==> flow/design.v <==
module alu_arith_rtl #(
    parameter DW = 5
) (
    input  logic clk,
    input  logic nrst,
    input  logic [DW-1:0] a,
    input  logic [DW-1:0] b,
    output logic [DW-1:0] out
);
    logic [DW-1:0] a_s;
    logic [DW-1:0] b_s;
    logic [DW-1:0] out_s;
    always_ff @(posedge clk or negedge nrst) begin
        if (~nrst) begin
            a_s <= '0;
            b_s <= '0;
            out_s <= '0;
        end else begin
            a_s <= a;
            b_s <= b;
            out_s <= (a_s > b_s) ? a_s - b_s : b_s - a_s;
        end
    end
    assign out = out_s;
endmodule
; Tool chain data of alu_arith_rtl
; Tool output for the design above, in the order of the flow.
; Line numbers count from 1 in the design file above.
; Operators carry their Yosys type and port widths (W data, S select, Z words).
; A cell with n/a has no value.
[setup]
top = alu_arith_rtl
clock_port = clk
lib = sky130hd
lib_corner = tt_025C_1v80

; Word level
; Counts by Yosys on the flattened word-level netlist (proc, flatten, opt, wreduce; memories kept). Register bits leave out memories and registers merged into their read ports (data or address); mux counts leave out enables and synchronous resets folded into registers. Print and check cells are left out. Cells with the same type and inputs are merged into one.
[word_totals]
regBits = 15
latch_bits = 0
mem_bits_rw = 0
romBits = 0
clocked_rd_ports_x_width = 0
memories = 0
input_bits = 12
output_inout_bits = 5
wordCells = 7
[classes]
n_addsub = 2
mul = 0
n_div = 0
cmp = 1
eq_ne = 0
shift = 0
muxes = 1
n_logic = 0
n_reduce_logical = 0
[ops]
columns = cell, count
row1 = $sub A5 B5 Y5, 2
row2 = $gt A5 B5 Y1, 1
row3 = $mux W5, 1

; Logic depth
; Yosys ltp: most cells in a row. Word level: on the elaborated netlist, between registers, memories and ports. Mapped: between sequential cells and ports; inverters and the memories' decode and read muxes count.
[logic_depth]
word_depth = 2
abc_area = 0
ltp_mapped = 8
mapped_depth_nobuf = 8

; Netlist
; Source: synth_stat.txt of the flow (Yosys; design flattened, memories mapped). It holds for the ABC_AREA given above (unset counts as 0); a run with the other value may have another netlist.
; Totals and module areas in this step are rounded.
[synth_totals]
mapped_cells = 76
mapped_area_um2 = 850
seq_area_um2 = 380
ff_cells = 15
buffers = 2
[by_type]
columns = type, count, area_total_um2
row1 = sky130_fd_sc_hd__dfrtp_1, 15, 375.36
row2 = sky130_fd_sc_hd__ha_1, 9, 112.608
row3 = sky130_fd_sc_hd__inv_1, 13, 48.797
row4 = sky130_fd_sc_hd__fa_1, 2, 40.038
row5 = sky130_fd_sc_hd__mux2i_1, 3, 30.029
row6 = sky130_fd_sc_hd__a21oi_1, 4, 20.019
row7 = sky130_fd_sc_hd__nand3b_4, 1, 20.019
row8 = sky130_fd_sc_hd__o21ai_0, 4, 20.019
row9 = sky130_fd_sc_hd__a21oi_2, 2, 17.517
row10 = sky130_fd_sc_hd__a21oi_4, 1, 16.266
row11 = sky130_fd_sc_hd__a21o_1, 2, 15.014
row12 = sky130_fd_sc_hd__a31oi_1, 2, 12.512
row13 = sky130_fd_sc_hd__o22ai_2, 1, 12.512
row14 = sky130_fd_sc_hd__buf_6, 1, 11.261
row15 = sky130_fd_sc_hd__nand2_1, 3, 11.261
row16 = sky130_fd_sc_hd__a311o_1, 1, 10.01
row17 = sky130_fd_sc_hd__a21o_2, 1, 8.758
row18 = sky130_fd_sc_hd__xnor2_1, 1, 8.758
; Other cell types: 9; their cells: 10.

; Worst setup path after synthesis
; OpenSTA on the mapped netlist: ideal clock, no wires. The path of least setup slack (recovery checks aside). Input and output delay are each 20% of the period. Register names are those of the netlist, which keeps one name where synthesis merged equal registers.
[synth_timing]
path_type = flip-flop to flip-flop
startpoint = register a_s[1]
endpoint = register out_s[4]
tclk_ns = 2.07
setup_time_ns = 0.079
launch_ns = 0.000
arrival_ns = 1.578
t_required_ns = 1.991
path_slack_ns = 0.413
path_delay_ns = 1.657
path_stages = 7
n_path_buf = 0
synth_period_reached_ns = 1.657
; "path_delay_ns" is the arrival time less input delay plus setup time.
; "path_stages": output pins that drive a net of the path, with the launching flip-flop's if there is one; two outputs of one cell count as two.
; "synth_period_reached_ns" = period - worst setup slack (recovery checks aside). The figure is calculated, with input and output delays left at 20% of the set period.
; The rows between start and end are the longest chain of elaborated cells between them; the timing report does not say that the signal goes this way. Where chains are equally long, one stands for them.
; Each line given opens the expression or statement behind the cell; cells for indexed reads and writes are added by Yosys, which also makes memories of some case tables.
[synth_between]
cell_sequence = sky130_fd_sc_hd__dfrtp_1 > sky130_fd_sc_hd__inv_1 > sky130_fd_sc_hd__ha_1 > sky130_fd_sc_hd__nand3_1 > sky130_fd_sc_hd__o22ai_2 > sky130_fd_sc_hd__mux2i_1 > sky130_fd_sc_hd__xor2_1
elab_chain_cells = 2
cells_between = 4
cone_lines = 1
classes_between = 2 x add/sub; 1 x compare; 1 x mux
[synth_rtl]
columns = item, line_no
row1 = from (decl), 10  ; logic [DW-1:0] a_s;
row2 = from (assign), 15  ; a_s <= '0;
row3 = from (assign), 19  ; a_s <= a;
row4 = $sub A5 B5 Y5, 21  ; out_s <= (a_s > b_s) ? a_s - b_s : b_s - a_s;
row5 = $mux W5, 21
row6 = to (assign), 17  ; out_s <= '0;
row7 = to (assign), 21
row8 = to (decl), 12  ; logic [DW-1:0] out_s;

; Path in the finished layout
; From the final timing report of record 1: the path of least setup slack in the routed layout; clock arrival at registers is part of the times.
[layout_timing]
path_type = flip-flop to flip-flop
startpoint = register a_s[2]
endpoint = register out_s[4]
tclk_ns = 2.26
setup_time_ns = 0.07
launch_ns = 0.28
arrival_ns = 2.07
t_required_ns = 2.47
path_slack_ns = 0.40
path_stages = 7
n_path_buf = 0
; The rows between start and end are the longest chain of elaborated cells between them; the timing report does not say that the signal goes this way. Where chains are equally long, one stands for them.
[layout_between]
cell_sequence = sky130_fd_sc_hd__dfrtp_1 > sky130_fd_sc_hd__inv_1 > sky130_fd_sc_hd__ha_1 > sky130_fd_sc_hd__nand3_1 > sky130_fd_sc_hd__o22ai_2 > sky130_fd_sc_hd__mux2i_1 > sky130_fd_sc_hd__xor2_1
elab_chain_cells = 2
cells_between = 4
cone_lines = 1
classes_between = 2 x add/sub; 1 x compare; 1 x mux
[layout_rtl]
columns = item, line_no
row1 = from (decl), 10  ; logic [DW-1:0] a_s;
row2 = from (assign), 15  ; a_s <= '0;
row3 = from (assign), 19  ; a_s <= a;
row4 = $sub A5 B5 Y5, 21  ; out_s <= (a_s > b_s) ? a_s - b_s : b_s - a_s;
row5 = $mux W5, 21
row6 = to (assign), 17  ; out_s <= '0;
row7 = to (assign), 21
row8 = to (decl), 12  ; logic [DW-1:0] out_s;

; Flow measurements of alu_arith_rtl on sky130hd: 3 stored runs with different settings, listed in no order. Input and output delays are each 20% of the period that was set; the output load is 0.01 pF.
; "achievedPeriod_ns" is the run's clock period less its worst setup slack. It is reckoned from that one timing run; input and output delays stay at 20% of the period that was set.
; "critical_path_time_ns": the worst setup path's part of the clock period (all of it between registers, 20% less for each end at a port) less its slack. A launch clock that arrives late makes it longer, a capture clock that arrives late makes it shorter.
; By "power.total_mw" is meant OpenSTA's value without simulated activity: inputs other than the clock are taken to toggle once in ten clock periods, and the tool carries that through the logic.
; Values from the reports are rounded here.

[record 1: settings]
period_ns = 2.26
CORE_UTILIZATION = 33
SETUP_SLACK_MARGIN = -0.22
PLACE_DENSITY_LB_ADDON = 0.13
HOLD_SLACK_MARGIN = 0.06
GPL_TIMING_DRIVEN = 1
CTS_CLUSTER_DIAMETER = 308
MAX_ROUTING_LAYER = met5
CAP_MARGIN = 20
CORE_MARGIN = 2
SLEW_MARGIN = 20
[record 1: results]
ys_area_um2 = 850
dieArea_um2 = 3000
finalUtil_pct = 43
worstSetupSlack_ns = 0.40
power.total_mw = 0.65
achievedPeriod_ns = 1.859
critical_path_time_ns = 1.86
critical_path_type = flip-flop to flip-flop

[record 2: settings]
period_ns = 1.79
CORE_UTILIZATION = 32
SETUP_SLACK_MARGIN = 0.31
PLACE_DENSITY = 0.44
HOLD_SLACK_MARGIN = -0.0
CORE_ASPECT_RATIO = 0.53
CELL_PAD_IN_SITES_DETAIL_PLACEMENT = 2
CTS_CLUSTER_SIZE = 43
CTS_CLUSTER_DIAMETER = 146
MIN_ROUTING_LAYER = met1
CAP_MARGIN = 20
CORE_MARGIN = 2
SLEW_MARGIN = 20
[record 2: results]
ys_area_um2 = 850
dieArea_um2 = 3100
finalUtil_pct = 53
worstSetupSlack_ns = 0.002
power.total_mw = 1.0
achievedPeriod_ns = 1.788
critical_path_time_ns = 1.79
critical_path_type = flip-flop to flip-flop

[record 3: settings]
period_ns = 2.07
CAP_MARGIN = 20
CORE_MARGIN = 2
CORE_UTILIZATION = 40
SLEW_MARGIN = 20
[record 3: results]
ys_area_um2 = 850
dieArea_um2 = 2500
finalUtil_pct = 54
worstSetupSlack_ns = 0.25
power.total_mw = 0.72
achievedPeriod_ns = 1.815
critical_path_time_ns = 1.82
critical_path_type = flip-flop to flip-flop
